==> flow/design.v <==
module gen_mplex #(
    parameter integer DWIDTH = 2,
    parameter integer INPUTS = 20
) (
    input  i_clk,
    input  [INPUTS*DWIDTH-1:0] bus_in,
    input  [INPUTS-1:0] s_in,
    output [DWIDTH-1:0] out_out
);
    reg [INPUTS*DWIDTH-1:0] bus_q;
    reg [INPUTS-1:0] s_q;
    always @(posedge i_clk) begin
        bus_q <= bus_in;
        s_q <= s_in;
    end
    reg [DWIDTH-1:0] val;
    integer n;
    always @(*) begin
        val = 0;
        for (n = 0; n < INPUTS; n = n + 1)
            val = val | (bus_q[n*DWIDTH +: DWIDTH] & {DWIDTH{s_q[n]}});
    end
    assign out_out = val;
endmodule
Reports on gen_mplex
The steps from the RTL of gen_mplex to its reports follow in flow order.
Lines are those of the file above, counted from 1.
{"block": "setup", "top": "gen_mplex", "clk_port": "i_clk", "cell_library": "sky130hd", "lib_corner": "tt_025C_1v80"}

After elaboration
Yosys after proc, flatten, opt, wreduce and memory -nomap, before mapping. Enables and synchronous resets that opt folds into registers are not counted as muxes. Memory bits, and registers merged into a memory's read port (data or address), are not among the register bits. Print and check cells are not counted. Equal cells are merged and count once.
{"block": "bits", "out_inout_bits": 2, "regBits": 60}
{"block": "classes", "logic": 39}
{"block": "op_table", "cell": "2-bit AND", "n": 20}
{"block": "op_table", "cell": "2-bit bitwise OR", "n": 19}

Logic depth
Depth = most cells in a row (Yosys ltp): at word level without a register or memory, in the mapped netlist without a sequential cell, where the memories' decode and read muxes count.
{"block": "depth", "ltp_word": 20, "ABC_AREA": 1, "depth_mapped": 6, "depth_no_buf": 6}

Mapped cells and area
Yosys stat after the flow's synthesis: flattened, memories mapped to cells. It holds for the ABC_AREA given above (unset counts as 0); a run with the other value may have another netlist.
{"block": "synth_totals", "ff_cells": 60, "n_buf": 0, "cell_count": 142, "area_um2": 1521.5, "seq_area_um2": 1201.2}
{"block": "by_type", "type": "sky130_fd_sc_hd__dfxtp_1", "n": 60, "area_total_um2": 1.2E+03}
{"block": "by_type", "type": "sky130_fd_sc_hd__nand2_1", "n": 62, "area_total_um2": 232.723}
{"block": "by_type", "type": "sky130_fd_sc_hd__nor2_1", "n": 12, "area_total_um2": 45.043}
{"block": "by_type", "type": "sky130_fd_sc_hd__nand3_2", "n": 2, "area_total_um2": 20.019}
{"block": "by_type", "type": "sky130_fd_sc_hd__inv_1", "n": 5, "area_total_um2": 18.768}
{"block": "by_type", "type": "sky130_fd_sc_hd__inv_2", "n": 1, "area_total_um2": 3.754}

Path before layout
Source: OpenSTA report_checks on the synthesized netlist (no wires, ideal clock, input and output delay 20% of the period each), path of least setup slack; recovery checks are left aside. Register names are those of the netlist, which keeps one name where synthesis merged equal registers.
{"block": "synth_path", "kind": "register to output", "startpoint": "reg s_q[10]", "endpoint": "out out_out[0]", "out_delay_ps": 306, "path_stages": 7, "clock_period_ps": 1530, "delay_ps": 671, "path_buffers": 0, "required_ps": 1224, "path_slack_ps": 553, "t_arrival_ps": 671, "t_first_pin_ps": 0, "synth_period_reached_ps": 977}
"delay_ps" is the arrival time less input delay plus setup time.
A path that ends at an output port has no setup time.
"path_stages" counts driving pins, that of a launching flip-flop among them; a cell with two outputs on the path counts twice.
"synth_period_reached_ps" = period - worst setup slack (recovery checks aside). The figure is calculated, with input and output delays left at 20% of the set period.
Between the ends stands the longest chain of elaborated cells between them, by number of cells; it is not shown to be the way that was timed. Of several equally long chains one is given.
A line is the first line of the expression or statement that the cell stems from. Yosys adds cells for indexed reads and writes and turns some case tables into memories.
{"block": "synth_via", "cell_sequence": "sky130_fd_sc_hd__dfxtp_1 sky130_fd_sc_hd__nand2_1 sky130_fd_sc_hd__nand2_1 sky130_fd_sc_hd__nor2_1 sky130_fd_sc_hd__nand2_1 sky130_fd_sc_hd__nor2_1 sky130_fd_sc_hd__nand2_1", "elab_chain_len": 11}
{"block": "synth_lines", "element": "from (decl)", "line_no": 11, "text": "reg [INPUTS-1:0] s_q;"}
{"block": "synth_lines", "element": "from (assign)", "line_no": 14, "text": "s_q <= s_in;"}
{"block": "synth_lines", "element": "2-bit AND", "line_no": 21, "text": "val = val | (bus_q[n*DWIDTH +: DWIDTH] & {DWIDTH{s_q[n]}});"}
{"block": "synth_lines", "element": "2-bit bitwise OR (10 in a row)", "line_no": 21}
{"block": "synth_lines", "element": "to (decl)", "line_no": 8, "text": "output [DWIDTH-1:0] out_out"}

Timing after layout
Path of least setup slack in the final report of run 1 (OpenROAD, finished layout, wires in). Where an end is a register, its clock arrival counts in the times.
The report prints the path's times to 10 ps; the period is as set.
{"block": "layout_path", "kind": "register to output", "startpoint": "reg s_q[10]", "endpoint": "out out_out[0]", "t_first_pin_ps": 320, "path_buffers": 1, "required_ps": 1430, "t_arrival_ps": 1220, "out_delay_ps": 360, "clock_period_ps": 1790, "path_slack_ps": 210, "path_stages": 8}
Between the ends stands the longest chain of elaborated cells between them, by number of cells; it is not shown to be the way that was timed. Of several equally long chains one is given.
{"block": "layout_via", "cell_sequence": "sky130_fd_sc_hd__dfxtp_1 sky130_fd_sc_hd__nand2_1 sky130_fd_sc_hd__nand2_1 sky130_fd_sc_hd__nor2_2 sky130_fd_sc_hd__nand2_1 sky130_fd_sc_hd__nor2_1 sky130_fd_sc_hd__nand2_1 sky130_fd_sc_hd__buf_2", "elab_chain_len": 11}
{"block": "layout_lines", "element": "from (decl)", "line_no": 11, "text": "reg [INPUTS-1:0] s_q;"}
{"block": "layout_lines", "element": "from (assign)", "line_no": 14, "text": "s_q <= s_in;"}
{"block": "layout_lines", "element": "2-bit AND", "line_no": 21, "text": "val = val | (bus_q[n*DWIDTH +: DWIDTH] & {DWIDTH{s_q[n]}});"}
{"block": "layout_lines", "element": "2-bit bitwise OR (10 in a row)", "line_no": 21}
{"block": "layout_lines", "element": "to (decl)", "line_no": 8, "text": "output [DWIDTH-1:0] out_out"}

--- measured runs ---
3 stored runs of gen_mplex in the flow (synthesis by Yosys, layout by OpenROAD, sky130hd cells), in arbitrary order. Constraints: input delay and output delay 20% of the set period each, output load 0.01 pF.
"period_less_ws_ps" is the run's clock period less its worst setup slack. It is reckoned from that one timing run; input and output delays stay at 20% of the period that was set.
"worst_path_ps": the worst setup path's part of the clock period (all of it between registers, 20% less for each end at a port) less its slack. A launch clock that arrives late makes it longer, a capture clock that arrives late makes it shorter.
By "total_power_mw" is meant OpenSTA's value without simulated activity: inputs other than the clock are taken to toggle once in ten clock periods, and the tool carries that through the logic.
"worst_path_ps" is given in steps of 10 ps.

Run 1
==> flow/run.sh <==
#!/bin/bash
# the make line also repeats the synthesis and layout settings of config.mk as NAME=value (left out here)
make -C /OpenROAD-flow-scripts/flow DESIGN_CONFIG=/design/flow/config.mk WORK_HOME=/design/flow/orfs CLKGATE_MAP_FILE= finish
==> flow/config.mk <==
export PLATFORM = sky130hd
export DESIGN_NAME = gen_mplex
export DESIGN_NICKNAME = gen_mplex
export VERILOG_FILES = /design/flow/design.v
export SDC_FILE = /design/flow/constraint.sdc
export NUM_CORES = 4
export LEC_CHECK = 0
export ABC_AREA = 1
export CAP_MARGIN = 0
export CORE_MARGIN = 7
export CORE_UTILIZATION = 35
export CTS_CLUSTER_DIAMETER = 136
export MIN_ROUTING_LAYER = met1
export PLACE_DENSITY = 0.67
export SETUP_SLACK_MARGIN = 0.44
export SLEW_MARGIN = 0
==> flow/constraint.sdc <==
create_clock -name core_clock -period 1.79 [get_ports {i_clk}]
set_input_delay 0.3580 -clock core_clock [delete_from_list [all_inputs] [get_ports {i_clk}]]
set_output_delay 0.3580 -clock core_clock [all_outputs]
set_load 0.01 [all_outputs]

==> results of run 1, as JSON <==
{
  "yosys.chip_area_um2": 1521.5,
  "worst_path_ps": 1220,
  "critical_path_kind": "register to output",
  "fin_hold_ws_ps": 470,
  "layout_stdcell_area_um2": 2449.8,
  "dieArea_um2": 6388.8,
  "util_frac": 0.6,
  "setupTns_ps": 0,
  "worstSetupSlack_ps": 212,
  "total_power_mw": 3.086,
  "period_less_ws_ps": 1578
}

Run 2
==> flow/run.sh <==
#!/bin/bash
# the make line also repeats the synthesis and layout settings of config.mk as NAME=value (left out here)
make -C /OpenROAD-flow-scripts/flow DESIGN_CONFIG=/design/flow/config.mk WORK_HOME=/design/flow/orfs CLKGATE_MAP_FILE= finish
==> flow/config.mk <==
export PLATFORM = sky130hd
export DESIGN_NAME = gen_mplex
export DESIGN_NICKNAME = gen_mplex
export VERILOG_FILES = /design/flow/design.v
export SDC_FILE = /design/flow/constraint.sdc
export NUM_CORES = 4
export LEC_CHECK = 0
export CAP_MARGIN = 20
export CORE_MARGIN = 2
export CORE_UTILIZATION = 40
export SLEW_MARGIN = 20
==> flow/constraint.sdc <==
create_clock -name core_clock -period 1.53 [get_ports {i_clk}]
set_input_delay 0.3060 -clock core_clock [delete_from_list [all_inputs] [get_ports {i_clk}]]
set_output_delay 0.3060 -clock core_clock [all_outputs]
set_load 0.01 [all_outputs]

==> results of run 2, as JSON <==
{
  "yosys.chip_area_um2": 1421.4,
  "worst_path_ps": 1600,
  "critical_path_kind": "register to output",
  "fin_hold_ws_ps": 342,
  "layout_stdcell_area_um2": 2289.7,
  "dieArea_um2": 4046.2,
  "util_frac": 0.681,
  "setupTns_ps": -715,
  "worstSetupSlack_ps": -379,
  "total_power_mw": 2.951,
  "period_less_ws_ps": 1909
}

Run 3
==> flow/run.sh <==
#!/bin/bash
# the make line also repeats the synthesis and layout settings of config.mk as NAME=value (left out here)
make -C /OpenROAD-flow-scripts/flow DESIGN_CONFIG=/design/flow/config.mk WORK_HOME=/design/flow/orfs CLKGATE_MAP_FILE= finish
==> flow/config.mk <==
export PLATFORM = sky130hd
export DESIGN_NAME = gen_mplex
export DESIGN_NICKNAME = gen_mplex
export VERILOG_FILES = /design/flow/design.v
export SDC_FILE = /design/flow/constraint.sdc
export NUM_CORES = 4
export LEC_CHECK = 0
export CAP_MARGIN = 20
export CELL_PAD_IN_SITES_DETAIL_PLACEMENT = 0
export CORE_MARGIN = 5
export CORE_UTILIZATION = 60
export CTS_CLUSTER_DIAMETER = 169
export CTS_CLUSTER_SIZE = 12
export GPL_TIMING_DRIVEN = 0
export MAX_ROUTING_LAYER = met4
export PLACE_DENSITY_LB_ADDON = 0.17
export SLEW_MARGIN = 20
export TNS_END_PERCENT = 55
==> flow/constraint.sdc <==
create_clock -name core_clock -period 0.798 [get_ports {i_clk}]
set_input_delay 0.1596 -clock core_clock [delete_from_list [all_inputs] [get_ports {i_clk}]]
set_output_delay 0.1596 -clock core_clock [all_outputs]
set_load 0.01 [all_outputs]

==> results of run 3, as JSON <==
{
  "outcome": "no results, placement failed with DPL-0033"
}
--- end ---
